==> flow/design.v <==
module mem_top (core_clk, in_write, in_wa, in_write_data, in_rd_addr, out_read_data);
  parameter integer DEPTH = 24;
  parameter integer WD = 16;
  parameter integer RP = 4;
  parameter integer WPORTS = 1;
  localparam integer ADDR_W = $clog2(DEPTH);
  input core_clk;
  input [WPORTS-1:0] in_write;
  input [WPORTS*ADDR_W-1:0] in_wa;
  input [WPORTS*WD-1:0] in_write_data;
  input [RP*ADDR_W-1:0] in_rd_addr;
  output [RP*WD-1:0] out_read_data;
  reg [WD-1:0] store [DEPTH-1:0];
  integer idx;
  always @(posedge core_clk) begin
    for (idx = 0; idx < WPORTS; idx = idx + 1)
      if (in_write[idx]) store[in_wa[idx*ADDR_W +: ADDR_W]] <= in_write_data[idx*WD +: WD];
  end
  wire [RP*WD-1:0] cur;
  genvar j;
  generate
    for (j = 0; j < RP; j = j + 1) begin : stage
      assign cur[j*WD +: WD] = store[in_rd_addr[j*ADDR_W +: ADDR_W]];
    end
  endgenerate
  assign out_read_data = cur;
endmodule
---- Tool chain data of mem_top ----
What the tools print for mem_top, step after step.
Lines are those of the file above, counted from 1.
Operators carry their Yosys type and port widths (W data, S select, Z words).
Cell names lack the library's common part.
A cell with -- has no value.
set-up
  top module .............................. mem_top
  clock ................................... core_clk
  cell library ............................ sky130hd
  timing corner ........................... tt_025C_1v80

---- Word level ----
Yosys after proc, flatten, opt, wreduce and memory -nomap, before mapping. Enables and synchronous resets that opt folds into registers are not counted as muxes. Memory bits, and registers merged into a memory's read port (data or address), are not among the register bits. Print and check cells are not counted. Equal cells are merged and count once.
Yosys's memory passes give these memory sizes; they may raise the number of words (mostly to a power of two), join words into wider ones and drop unused or constant bits.
operators by class
  multiplexer cells ....................... 3
operators with widths
  kind      number
  $mux W16  1
  $mux W5   1
  $mux W1   1
bit counts
  register bits after elaboration ......... 0
  memory bits (writable) .................. 384
  memory cells ............................ 1
  input port bits ......................... 43
  output and inout port bits .............. 64
  cells after elaboration ................. 4
memories
  name   depth  width  read ports  write ports  line  RTL
  store  24     16     4           1            13    reg [WD-1:0] store [DEPTH-1:0];

---- Logic depth ----
Depth = most cells in a row (Yosys ltp): at word level without a register or memory, in the mapped netlist without a sequential cell, where the memories' decode and read muxes count.
logic depth
  depth after elaboration ................. 1
  ABC_AREA ................................ 0
  mapped depth ............................ 7
  gate-level depth less buffers ........... 4

---- Mapped cells and area ----
Source: synth_stat.txt of the flow (Yosys; design flattened, memories mapped). It holds for the ABC_AREA given above (unset counts as 0); a run with the other value may have another netlist.
cell types
  cell       number  area in all (µm²)
  edfxtp_1   384     1.15E+04
  mux4_2     256     5765.53
  mux2i_1    320     3.2E+03
  a2bb2oi_1  64      560.538
  o311ai_1   59      516.746
  o211ai_2   40      500.48
  a22oi_1    64      480.461
  nand3_1    65      325.312
  buf_2      58      290.278
  nand2_1    65      243.984
  buf_4      32      240.23
  clkbuf_1   52      195.187
  o211ai_1   24      180.173
  buf_12     5       100.096
  nor2_1     25      93.84
  nor2b_1    12      75.072
  buf_6      6       67.565
  and2_1     8       50.048
Other cell types: 7; their cells: 25.
synthesis totals
  standard cells after synthesis .......... 1564
  mapped area ............................. 24608.6 µm²
  sequential area ......................... 11531.1 µm²
  flip-flop cells ......................... 384
  buffers ................................. 165

---- Timing after synthesis ----
Path of least setup slack by OpenSTA after synthesis, without wires, with an ideal clock, recovery checks aside; 20% of the period is set as input and as output delay. Where synthesis merged equal registers, the netlist keeps one of their names.
path after synthesis
  path kind ............................... input -> output
  from .................................... in in_rd_addr[0]
  to ...................................... out out_read_data[11]
  period .................................. 2670 ps
  external input delay .................... 534 ps
  external output delay ................... 534 ps
  launch time at the first pin ............ 534 ps
  arrival time ............................ 1731 ps
  required time ........................... 2136 ps
  path slack .............................. 405 ps
  path delay .............................. 1197 ps
  driving pins on the path ................ 6
  path buffers ............................ 2
  synthesis period reached ................ 2265 ps
"path delay" = arrival - input delay + setup time.
At an output port there is no setup time.
"driving pins on the path" counts driving pins, that of a launching flip-flop among them; a cell with two outputs on the path counts twice.
"synthesis period reached" = period - worst setup slack (recovery checks aside). The figure is calculated, with input and output delays left at 20% of the set period.
The rows between start and end are the longest chain of elaborated cells between them; the timing report does not say that the signal goes this way. Where chains are equally long, one stands for them.
A line is the first line of the expression or statement that the cell stems from. Yosys adds cells for indexed reads and writes and turns some case tables into memories.
A memory read counts as a cell of the chain, while the word-level depth stops at memories.
on the way, after synthesis
  cells stage by stage .................... buf_6 buf_6 mux4_2 a2bb2oi_1 nand3_1 o311ai_0
  cells in the longest elaborated chain ... 1
  elaborated cells on any way between the ends .. 1
  source lines of those cells ............. 1
  those cells by class .................... memory (1)
ends and longest elaborated chain, after synthesis
  item             line  RTL
  from (decl)      11    input [RP*ADDR_W-1:0] in_rd_addr;
  $mem_v2 Z24 W16  13    reg [WD-1:0] store [DEPTH-1:0];
  to (decl)        12    output [RP*WD-1:0] out_read_data;

---- Path in the finished layout ----
From the final timing report of job 1: the path of least setup slack in the routed layout; clock arrival at registers is part of the times.
The path's times are printed in steps of 10 ps; the period is the one set.
path post-layout
  path kind ............................... input -> output
  from .................................... in in_rd_addr[3]
  to ...................................... out out_read_data[13]
  period .................................. 3950 ps
  external input delay .................... 790 ps
  external output delay ................... 790 ps
  launch time at the first pin ............ 790 ps
  arrival time ............................ 3130 ps
  required time ........................... 3160 ps
  path slack .............................. 30 ps
  driving pins on the path ................ 7
  path buffers ............................ 4
The rows between start and end are the longest chain of elaborated cells between them; the timing report does not say that the signal goes this way. Where chains are equally long, one stands for them.
A memory read counts as a cell of the chain, while the word-level depth stops at memories.
on the way, post-layout
  cells stage by stage .................... clkdlybuf4s50_1 nor2b_2 buf_12 nand3_1 o311ai_0 buf_4 clkdlybuf4s50_1
  cells in the longest elaborated chain ... 1
  elaborated cells on any way between the ends .. 1
  source lines of those cells ............. 1
  those cells by class .................... memory (1)
ends and longest elaborated chain, post-layout
  item             line  RTL
  from (decl)      11    input [RP*ADDR_W-1:0] in_rd_addr;
  $mem_v2 Z24 W16  13    reg [WD-1:0] store [DEPTH-1:0];
  to (decl)        12    output [RP*WD-1:0] out_read_data;

==> runs of mem_top <==
Flow measurements of mem_top on sky130hd: 3 stored runs with different settings, listed in no order. Input and output delays are each 20% of the period that was set; the output load is 0.01 pF.
By "time on the worst setup path" is meant the share of the clock period that the worst setup path is allowed (20% is reserved at inputs, 20% at outputs), minus its slack. Clock arrival times at its registers enter into it.
By "power consumption" is meant OpenSTA's value without simulated activity: inputs other than the clock are taken to toggle once in ten clock periods, and the tool carries that through the logic.
"time on the worst setup path" is known to 10 ps.

---- job 1 ----
settings
  period_ns = 3.95
  CORE_UTILIZATION = 30
  PLACE_DENSITY_LB_ADDON = 0.29
  CORE_ASPECT_RATIO = 1.97
  CORE_MARGIN = 7
  TNS_END_PERCENT = 60
  CTS_CLUSTER_DIAMETER = 273
  CAP_MARGIN = 35
  SLEW_MARGIN = 5
results
  chip area after synthesis (Yosys) ....... 24608.6 µm²
  die area ................................ 90708.7 µm²
  standard-cell area after layout ......... 29862.4 µm²
  final utilization ....................... 36.7%
  worst slack on setup checks ............. 28 ps
  worst hold slack ........................ 1007 ps
  power consumption ....................... 10409 µW
  time on the worst setup path ............ 2340 ps
  critical path type ...................... input -> output

---- job 2 ----
settings
  period_ns = 2.63
  CORE_UTILIZATION = 19
  SETUP_SLACK_MARGIN = 0.48
  CORE_MARGIN = 5
  CELL_PAD_IN_SITES_GLOBAL_PLACEMENT = 2
  GPL_ROUTABILITY_DRIVEN = 1
  CTS_CLUSTER_DIAMETER = 50
  MIN_ROUTING_LAYER = met1
  CAP_MARGIN = 20
  SLEW_MARGIN = 20
results
  chip area after synthesis (Yosys) ....... 24608.6 µm²
  die area ................................ 136815.0 µm²
  standard-cell area after layout ......... 35546.6 µm²
  final utilization ....................... 27.5%
  worst slack on setup checks ............. -288 ps
  worst hold slack ........................ 733 ps
  power consumption ....................... 18363 µW
  time on the worst setup path ............ 2390 ps
  critical path type ...................... register -> output

---- job 3 ----
settings
  period_ns = 2.67
  CAP_MARGIN = 20
  CORE_MARGIN = 2
  CORE_UTILIZATION = 40
  SLEW_MARGIN = 20
results
  chip area after synthesis (Yosys) ....... 24608.6 µm²
  die area ................................ 63521.6 µm²
  standard-cell area after layout ......... 33586.0 µm²
  final utilization ....................... 55.4%
  worst slack on setup checks ............. -203 ps
  worst hold slack ........................ 772 ps
  power consumption ....................... 16390 µW
  time on the worst setup path ............ 2340 ps
  critical path type ...................... register -> output
